==> flow/design.v <==
module my_summer_rtl #(
   parameter integer BITS = 8
) (
   input logic clock,
   input logic srst,
   input logic [BITS-1:0] in_dataa,
   input logic [BITS-1:0] in_datab,
   input logic in_carry_in,
   output logic [BITS-1:0] out_s,
   output logic out_ovf
);
   logic [BITS-1:0] dataa_reg;
   logic [BITS-1:0] datab_reg;
   logic carry_in_reg;
   logic [BITS-1:0] tmp;
   logic [BITS:0] c;
   assign c[0] = carry_in_reg;
   for (genvar gi = 0; gi < BITS; gi++) begin : row
      assign tmp[gi] = dataa_reg[gi] ^ datab_reg[gi] ^ c[gi];
      assign c[gi+1] = (dataa_reg[gi] & datab_reg[gi]) | (c[gi] & (dataa_reg[gi] ^ datab_reg[gi]));
   end
   assign out_s = tmp;
   assign out_ovf = c[BITS];
   always_ff @(posedge clock or posedge srst) begin
      if (srst) begin
         dataa_reg <= 0;
         datab_reg <= 0;
         carry_in_reg <= 1'b0;
      end else begin
         dataa_reg <= in_dataa;
         datab_reg <= in_datab;
         carry_in_reg <= in_carry_in;
      end
   end
endmodule
### Reports on my_summer_rtl

Tool output for the design above, in the order of the flow.
Lines are those of the file above, counted from 1.
Operators carry their Yosys type and port widths (W data, S select, Z words).
Library cell names are shortened.
A cell with n/a has no value.

| inputs | value |
|---|---|
| top module | my_summer_rtl |
| clock input | clock |
| cell library | sky130hd |
| library corner | tt_025C_1v80 |

### Elaborated design

Source: Yosys, flattened and elaborated, memories not mapped. Widths are those after wreduce; folded enables and synchronous resets count as part of the registers. Registers that Yosys merges into a memory's read port (data or address) are not register bits. Print and check cells do not count. Equal cells are merged and count once.

| storage and ports | value |
|---|---|
| register bits after elaboration | 17 |
| word-level cells | 43 |

| cells by class | value |
|---|---|
| bitwise gates (word level) | 40 |

Operators with widths:

| cell | count |
|---|---|
| $and A1 B1 Y1 | 16 |
| $xor A1 B1 Y1 | 16 |
| $or A1 B1 Y1 | 8 |

### Logic depth

Depth = most cells in a row (Yosys ltp): at word level without a register or memory, in the mapped netlist without a sequential cell, where the memories' decode and read muxes count.

| depth | value |
|---|---|
| depth after elaboration | 17 |
| ABC_AREA | 1 |
| depth in mapped cells | 12 |
| gate-level depth less buffers | 12 |

### Netlist

Source: synth_stat.txt of the flow (Yosys; design flattened, memories mapped). It holds for the ABC_AREA given above (unset counts as 0); a run with the other value may have another netlist.
The area totals of this step are shown rounded.

| synthesis totals | value |
|---|---|
| cells in the netlist | 36 |
| mapped area | 630 sq um |
| area of sequential cells | 430 sq um |
| flip-flops | 17 |
| buffers | 0 |

Cell types:

| cell | count |
|---|---|
| dfrtp_1 | 17 |
| fa_1 | 8 |
| inv_1 | 11 |

### Timing after synthesis

Path of least setup slack by OpenSTA after synthesis, without wires, with an ideal clock, recovery checks aside; 20% of the period is set as input and as output delay. Where synthesis merged equal registers, the netlist keeps one of their names.

| path after synthesis | value |
|---|---|
| kind | reg2out |
| from | register dataa_reg[0] |
| to | output out_s[7] |
| clock period | 5.38 ns |
| time at the first pin | 0.000 ns |
| arrival | 3.442 ns |
| setup slack | 0.862 ns |
| path delay | 3.442 ns |
| stages | 13 |
| synthesis period reached | 4.518 ns |

"path delay" = arrival - input delay + setup time.
A path that ends at an output port has no setup time.
"stages": output pins that drive a net of the path, with the launching flip-flop's if there is one; two outputs of one cell count as two.
"synthesis period reached" is the clock period less the worst setup slack; recovery checks do not enter. This is arithmetic on one report: input and output delays are still those of the set period (20% each).
Between the ends stands the longest chain of elaborated cells between them, by number of cells; it is not shown to be the way that was timed. Of several equally long chains one is given.
Each line given opens the expression or statement behind the cell; cells for indexed reads and writes are added by Yosys, which also makes memories of some case tables.

| between the ends, after synthesis | value |
|---|---|
| path through | dfrtp_1 fa_1 fa_1 fa_1 fa_1 fa_1 inv_1 fa_1 inv_1 fa_1 inv_1 fa_1 inv_1 |
| length of the longest elaborated chain | 16 |
| elaborated cells between the ends (all ways) | 17 |
| classes of those cells | logic (17) |

Ends and longest elaborated chain, after synthesis:

| element | line | RTL |
|---|---|---|
| start, declared | 12 | `logic [BITS-1:0] dataa_reg;` |
| start, assigned | 26 | `dataa_reg <= 0;` |
| start, assigned | 30 | `dataa_reg <= in_dataa;` |
| $xor A1 B1 Y1 | 20 | `assign c[gi+1] = (dataa_reg[gi] & datab_reg[gi]) \| (c[gi] & (dataa_reg[gi] ^ datab_reg[gi]));` |
| $and A1 B1 Y1 | 20 |  |
| $or A1 B1 Y1 | 20 |  |
| $and A1 B1 Y1 | 20 |  |
| $or A1 B1 Y1 | 20 |  |
| $and A1 B1 Y1 | 20 |  |
| $or A1 B1 Y1 | 20 |  |
| [... 2 more ...] | n/a |  |
| $and A1 B1 Y1 | 20 |  |
| $or A1 B1 Y1 | 20 |  |
| $and A1 B1 Y1 | 20 |  |
| $or A1 B1 Y1 | 20 |  |
| $and A1 B1 Y1 | 20 |  |
| $or A1 B1 Y1 | 20 |  |
| $xor A1 B1 Y1 | 19 | `assign tmp[gi] = dataa_reg[gi] ^ datab_reg[gi] ^ c[gi];` |
| end, declared | 9 | `output logic [BITS-1:0] out_s,` |

### Timing after layout

Path of least setup slack in the final report of run A (OpenROAD, finished layout, wires in). Where an end is a register, its clock arrival counts in the times.

| path after layout | value |
|---|---|
| kind | reg2out |
| from | register dataa_reg[0] |
| to | output out_s[7] |
| clock period | 3.84 ns |
| time at the first pin | 0.28 ns |
| arrival | 3.66 ns |
| setup slack | -0.59 ns |
| stages | 14 |

Between the ends stands the longest chain of elaborated cells between them, by number of cells; it is not shown to be the way that was timed. Of several equally long chains one is given.

| between the ends, after layout | value |
|---|---|
| path through | dfrtp_1 fa_2 fa_2 fa_2 fa_2 fa_2 inv_2 fa_2 inv_2 fa_2 inv_2 fa_1 inv_2 buf_6 |
| length of the longest elaborated chain | 16 |
| elaborated cells between the ends (all ways) | 17 |
| classes of those cells | logic (17) |

Ends and longest elaborated chain, after layout:

| element | line | RTL |
|---|---|---|
| start, declared | 12 | `logic [BITS-1:0] dataa_reg;` |
| start, assigned | 26 | `dataa_reg <= 0;` |
| start, assigned | 30 | `dataa_reg <= in_dataa;` |
| $xor A1 B1 Y1 | 20 | `assign c[gi+1] = (dataa_reg[gi] & datab_reg[gi]) \| (c[gi] & (dataa_reg[gi] ^ datab_reg[gi]));` |
| $and A1 B1 Y1 | 20 |  |
| $or A1 B1 Y1 | 20 |  |
| $and A1 B1 Y1 | 20 |  |
| $or A1 B1 Y1 | 20 |  |
| $and A1 B1 Y1 | 20 |  |
| $or A1 B1 Y1 | 20 |  |
| [... 2 more ...] | n/a |  |
| $and A1 B1 Y1 | 20 |  |
| $or A1 B1 Y1 | 20 |  |
| $and A1 B1 Y1 | 20 |  |
| $or A1 B1 Y1 | 20 |  |
| $and A1 B1 Y1 | 20 |  |
| $or A1 B1 Y1 | 20 |  |
| $xor A1 B1 Y1 | 19 | `assign tmp[gi] = dataa_reg[gi] ^ datab_reg[gi] ^ c[gi];` |
| end, declared | 9 | `output logic [BITS-1:0] out_s,` |

Data sheet: physical implementation of my_summer_rtl

Top module my_summer_rtl; platform sky130hd; tools Yosys and OpenROAD; 3 stored runs in no particular order. Input and output delays are each 20% of the period that was set; the output load is 0.01 pF.
"reached clock period": clock period set for the run, less the worst setup slack. It is reckoned from that one timing run; input and output delays stay at 20% of the period that was set.
"worst path time" means the part of the period allowed to the worst setup path (the constraints hold back 20% at inputs and 20% at outputs) less its slack; where the path has registers, the arrival times of their clocks count too.
By "power consumption" is meant OpenSTA's value without simulated activity: inputs other than the clock are taken to toggle once in ten clock periods, and the tool carries that through the logic.
Measured values are rounded.
Among the settings, -- means not set for that run.

| run | period_ns | CORE_UTILIZATION | PLACE_DENSITY_LB_ADDON | HOLD_SLACK_MARGIN | ABC_AREA | GPL_ROUTABILITY_DRIVEN | CAP_MARGIN | SLEW_MARGIN | CORE_MARGIN | SETUP_SLACK_MARGIN | reached clock period (ns) | worst setup slack after layout (ns) | chip area in the Yosys report (sq um) | std-cell area (final layout) (sq um) | post-route setup TNS (ns) | utilization in the final report (%) | overall die area (sq um) | power consumption (µW) | worst path time (ns) | class of the worst setup path |
|---|---|---|---|---|---|---|---|---|---|---|---|---|---|---|---|---|---|---|---|---|
| run A | 3.84 | 27 | 0.16 | 0.1 | 1 | 1 | 15 | 5 | 2 | -- | 4.425 | -0.59 | 630 | 970 | -1.2 | 44 | 2700 | 370 | 3.66 | reg2out |
| run B | 5.38 | 40 | -- | -- | -- | -- | 20 | 20 | 2 | -- | 5.150 | 0.23 | 630 | 940 | 0.000 | 63 | 1900 | 260 | 4.07 | reg2out |
| run C | 4.21 | 49 | 0.24 | -- | -- | 0 | 20 | 5 | 2 | 0.32 | 4.513 | -0.30 | 630 | 950 | -0.35 | 82 | 1600 | 340 | 3.67 | reg2out |
